==> flow/design.v <==
module gen_registers_v2 #(
  parameter integer ENTRIES = 64,
  parameter integer WD = 8,
  parameter integer N_READ = 3,
  parameter integer IDX_W = $clog2(ENTRIES)
) (
  input  CLK,
  input  nrst,
  input  load,
  input  [IDX_W-1:0] wr_addr,
  input  [WD-1:0] d,
  input  [N_READ*IDX_W-1:0] read_addr,
  output reg [N_READ*WD-1:0] rd_data
);
  reg load_q;
  reg [IDX_W-1:0] wr_addr_q;
  reg [WD-1:0] d_q;
  always @(posedge CLK or negedge nrst) begin
    if (~nrst) begin
      load_q <= 1'b0;
      wr_addr_q <= 0;
      d_q <= 0;
    end else begin
      load_q <= load;
      wr_addr_q <= wr_addr;
      d_q <= d;
    end
  end
  reg [ENTRIES*WD-1:0] ram;
  genvar ii;
  generate
    for (ii = 0; ii < ENTRIES; ii = ii + 1) begin : g_bit
      always @(posedge CLK)
        if (load_q && wr_addr_q == ii) ram[ii*WD +: WD] <= d_q;
    end
  endgenerate
  reg [N_READ*IDX_W-1:0] read_addr_q;
  always @(posedge CLK or negedge nrst) begin
    if (~nrst) begin
      read_addr_q <= 0;
    end else begin
      read_addr_q <= read_addr;
    end
  end
  reg [N_READ*WD-1:0] t;
  integer m;
  integer idx;
  always @* begin
    t = 0;
    for (m = 0; m < N_READ; m = m + 1) begin
      for (idx = 0; idx < ENTRIES; idx = idx + 1)
        t[m*WD +: WD] = t[m*WD +: WD] | (ram[idx*WD +: WD] & {WD{read_addr_q[m*IDX_W +: IDX_W] == idx}});
    end
  end
  always @(posedge CLK or negedge nrst) begin
    if (~nrst) begin
      rd_data <= 0;
    end else begin
      rd_data <= t;
    end
  end
endmodule
* Reports on gen_registers_v2
What the tools print for gen_registers_v2, step after step. Line numbers count from 1 in the design file above. Operators carry their Yosys type and port widths (W data, S select, Z words). Cell names lack the library's common part. The mark -- stands for no value.
Set-up: top module gen_registers_v2, clock CLK, library sky130hd, timing corner tt_025C_1v80

* Word level
Yosys after proc, flatten, opt, wreduce and memory -nomap, before mapping. Enables and synchronous resets that opt folds into registers are not counted as muxes. Memory bits, and registers merged into a memory's read port (data or address), are not among the register bits. Print and check cells are not counted. Equal cells are merged and count once.
Word-level totals: register bits 569, bits in latches 0, memory bits (writable) 0, bits in read-only memories 0, word width x clocked read ports 0, memories 0, input port bits 35, output and inout port bits 24, word-level cells 770
Cells by class: $add $sub $neg 0, $mul 0, divide/modulo/power cells 0, order comparisons 0, equal/unequal tests 252, shift-type cells 0, mux-type cells 0, bitwise operators 381, reduce/logical cells 68
Operators by type and width (number):
- $and A8 B8 Y8 | 192
- $or A8 B8 Y8 | 189
- $eq A6 B6 Y1 const B | 128
- $eq A6 B5 Y1 const B | 64
- $eq A6 B4 Y1 const B | 32
- $eq A6 B3 Y1 const B | 16
- $logic_and A1 B1 Y1 | 64
- $eq A6 B2 Y1 const B | 8
- $eq A6 B1 Y1 const B | 4
- $logic_not A6 Y1 | 4

* Logic depth
Depth = most cells in a row (Yosys ltp): at word level without a register or memory, in the mapped netlist without a sequential cell, where the memories' decode and read muxes count.
Logic depth: word-level depth 65, ABC_AREA 0, mapped depth 9

* Netlist
Yosys stat after the flow's synthesis: flattened, memories mapped to cells. It holds for the ABC_AREA given above (unset counts as 0); a run with the other value may have another netlist. Totals and module areas in this step are rounded.
Mapped netlist: mapped cells 3100, mapped area 30980 um^2, flip-flops 569
Cell types:
- edfxtp_1 | number 512, total area 1.54E+04 um^2
- nand3_1 | number 1319, total area 6.6E+03 um^2
- nand4_1 | number 354, total area 2.21E+03 um^2
- dfrtp_1 | number 57, total area 1.43E+03 um^2
- buf_2 | number 127, total area 635.61 um^2
- and3b_1 | number 66, total area 578.054 um^2
- clkbuf_1 | number 151, total area 566.794 um^2
- mux2_2 | number 46, total area 517.997 um^2
- nor4_1 | number 80, total area 500.48 um^2
- nor2_1 | number 69, total area 258.998 um^2
- nor4b_2 | number 14, total area 210.202 um^2
- buf_1 | number 53, total area 198.941 um^2
- nor3b_1 | number 26, total area 195.187 um^2
- o21ai_0 | number 35, total area 175.168 um^2
- a22oi_1 | number 21, total area 157.651 um^2
- buf_6 | number 14, total area 157.651 um^2
- o211ai_1 | number 20, total area 150.144 um^2
- nor4bb_1 | number 14, total area 140.134 um^2
Other cell types: 28; their cells: 122.

* Timing after synthesis
Path of least setup slack by OpenSTA after synthesis, without wires, with an ideal clock, recovery checks aside; 20% of the period is set as input and as output delay. Where synthesis merged equal registers, the netlist keeps one of their names.
Path after synthesis: kind register to register, start point register wr_addr_q[5], end point register ram[10], clock period 2.46 ns, setup time 0.370 ns, launch time at the first pin 0.000 ns, arrival time 1.595 ns, data required time 2.090 ns, slack 0.495 ns, path delay 1.965 ns, driving pins on the path 5, path buffers 2, period reached after synthesis 1.965 ns
"path delay" = arrival - input delay + setup time. "driving pins on the path": output pins that drive a net of the path, with the launching flip-flop's if there is one; two outputs of one cell count as two. "period reached after synthesis" = period - worst setup slack (recovery checks aside). The figure is calculated, with input and output delays left at 20% of the set period. Between the ends stands the longest chain of elaborated cells between them, by number of cells; it is not shown to be the way that was timed. Of several equally long chains one is given. Each line given opens the expression or statement behind the cell; cells for indexed reads and writes are added by Yosys, which also makes memories of some case tables.
On the way, after synthesis: cell sequence dfrtp_1 or3b_2 clkbuf_1 clkbuf_1 nor2_1, length of the longest elaborated chain 2
RTL lines, path after synthesis:
- start, declared | RTL line 16 | reg [IDX_W-1:0] wr_addr_q;
- start, assigned | RTL line 21 | wr_addr_q <= 0;
- start, assigned | RTL line 25 | wr_addr_q <= wr_addr;
- $eq A6 B1 Y1 | RTL line 34 | if (load_q && wr_addr_q == ii) ram[ii*WD +: WD] <= d_q;
- $logic_and A1 B1 Y1 | RTL line 34
- end, assigned | RTL line 34
- end, declared | RTL line 29 | reg [ENTRIES*WD-1:0] ram;

* Timing after layout
From the final timing report of run C: the path of least setup slack in the routed layout; clock arrival at registers is part of the times.
Path after layout: kind register to register, start point register read_addr_q[15], end point register rd_data[17], clock period 2.46 ns, setup time 0.14 ns, launch time at the first pin 0.62 ns, arrival time 2.99 ns, data required time 2.94 ns, slack -0.05 ns, driving pins on the path 10, path buffers 4
Between the ends stands the longest chain of elaborated cells between them, by number of cells; it is not shown to be the way that was timed. Of several equally long chains one is given.
On the way, after layout: cell sequence dfrtp_2 buf_4 buf_4 buf_4 and4b_4 buf_12 nand3_1 nand4_1 nor4_1 nand4_1, length of the longest elaborated chain 65
RTL lines, path after layout:
- start, declared | RTL line 37 | reg [N_READ*IDX_W-1:0] read_addr_q;
- start, assigned | RTL line 40 | read_addr_q <= 0;
- start, assigned | RTL line 42 | read_addr_q <= read_addr;
- $logic_not A6 Y1 | RTL line 52 | t[m*WD +: WD] = t[m*WD +: WD] | (ram[idx*WD +: WD] & {WD{read_addr_q[m*IDX_W +: IDX_W] == idx}});
- $and A8 B8 Y8 | RTL line 52
- $or A8 B8 Y8 (63 in a row) | RTL line 52
- end, assigned | RTL line 57 | rd_data <= 0;
- end, assigned | RTL line 59 | rd_data <= t;
- end, declared | RTL line 13 | output reg [N_READ*WD-1:0] rd_data

Appendix: measured runs

gen_registers_v2 through Yosys and OpenROAD on sky130hd: 3 stored runs, unordered, with their settings and measured results. The constraints put input and output delay at 20% of the set period each and load the outputs with 0.01 pF.
By "period achieved" is meant the clock period of the run minus its worst setup slack. This is arithmetic on one report: input and output delays are still those of the set period (20% each).
"time used up by the worst setup path": the worst setup path's part of the clock period (all of it between registers, 20% less for each end at a port) less its slack. A launch clock that arrives late makes it longer, a capture clock that arrives late makes it shorter.
"overall power" rests on the timing tool's default activity at the inputs, not on a simulated workload.
Measured values are rounded.

* Run A | settings: period_ns 1.61; CORE_UTILIZATION 27; PLACE_DENSITY 0.65; CORE_ASPECT_RATIO 0.87; CELL_PAD_IN_SITES_GLOBAL_PLACEMENT 1; GPL_ROUTABILITY_DRIVEN 1; MIN_ROUTING_LAYER met2; CAP_MARGIN 20; CORE_MARGIN 2; SLEW_MARGIN 20 | no results, routing failed with GRT-0116
* Run B | settings: period_ns 1.67; CORE_UTILIZATION 49; SETUP_SLACK_MARGIN 0.0; CORE_ASPECT_RATIO 0.82; CELL_PAD_IN_SITES_GLOBAL_PLACEMENT 0; GPL_TIMING_DRIVEN 1; CTS_CLUSTER_SIZE 100; CAP_MARGIN 40; MAX_ROUTING_LAYER met4; CORE_MARGIN 2; SLEW_MARGIN 20 | no results, routing failed with GRT-0232
* Run C | settings: period_ns 2.46; CAP_MARGIN 20; CORE_MARGIN 2; CORE_UTILIZATION 40; SLEW_MARGIN 20 | results: time used up by the worst setup path 2.51 ns; critical path type register to register; final setup TNS -0.854 ns; final utilization 0.501; overall power 24340 uW; smallest setup slack -0.053 ns; die size 79690 um^2; chip area after synthesis (Yosys) 30980 um^2; period achieved 2.513 ns; final worst hold slack 0.303 ns; standard-cell area of the final layout 38600 um^2
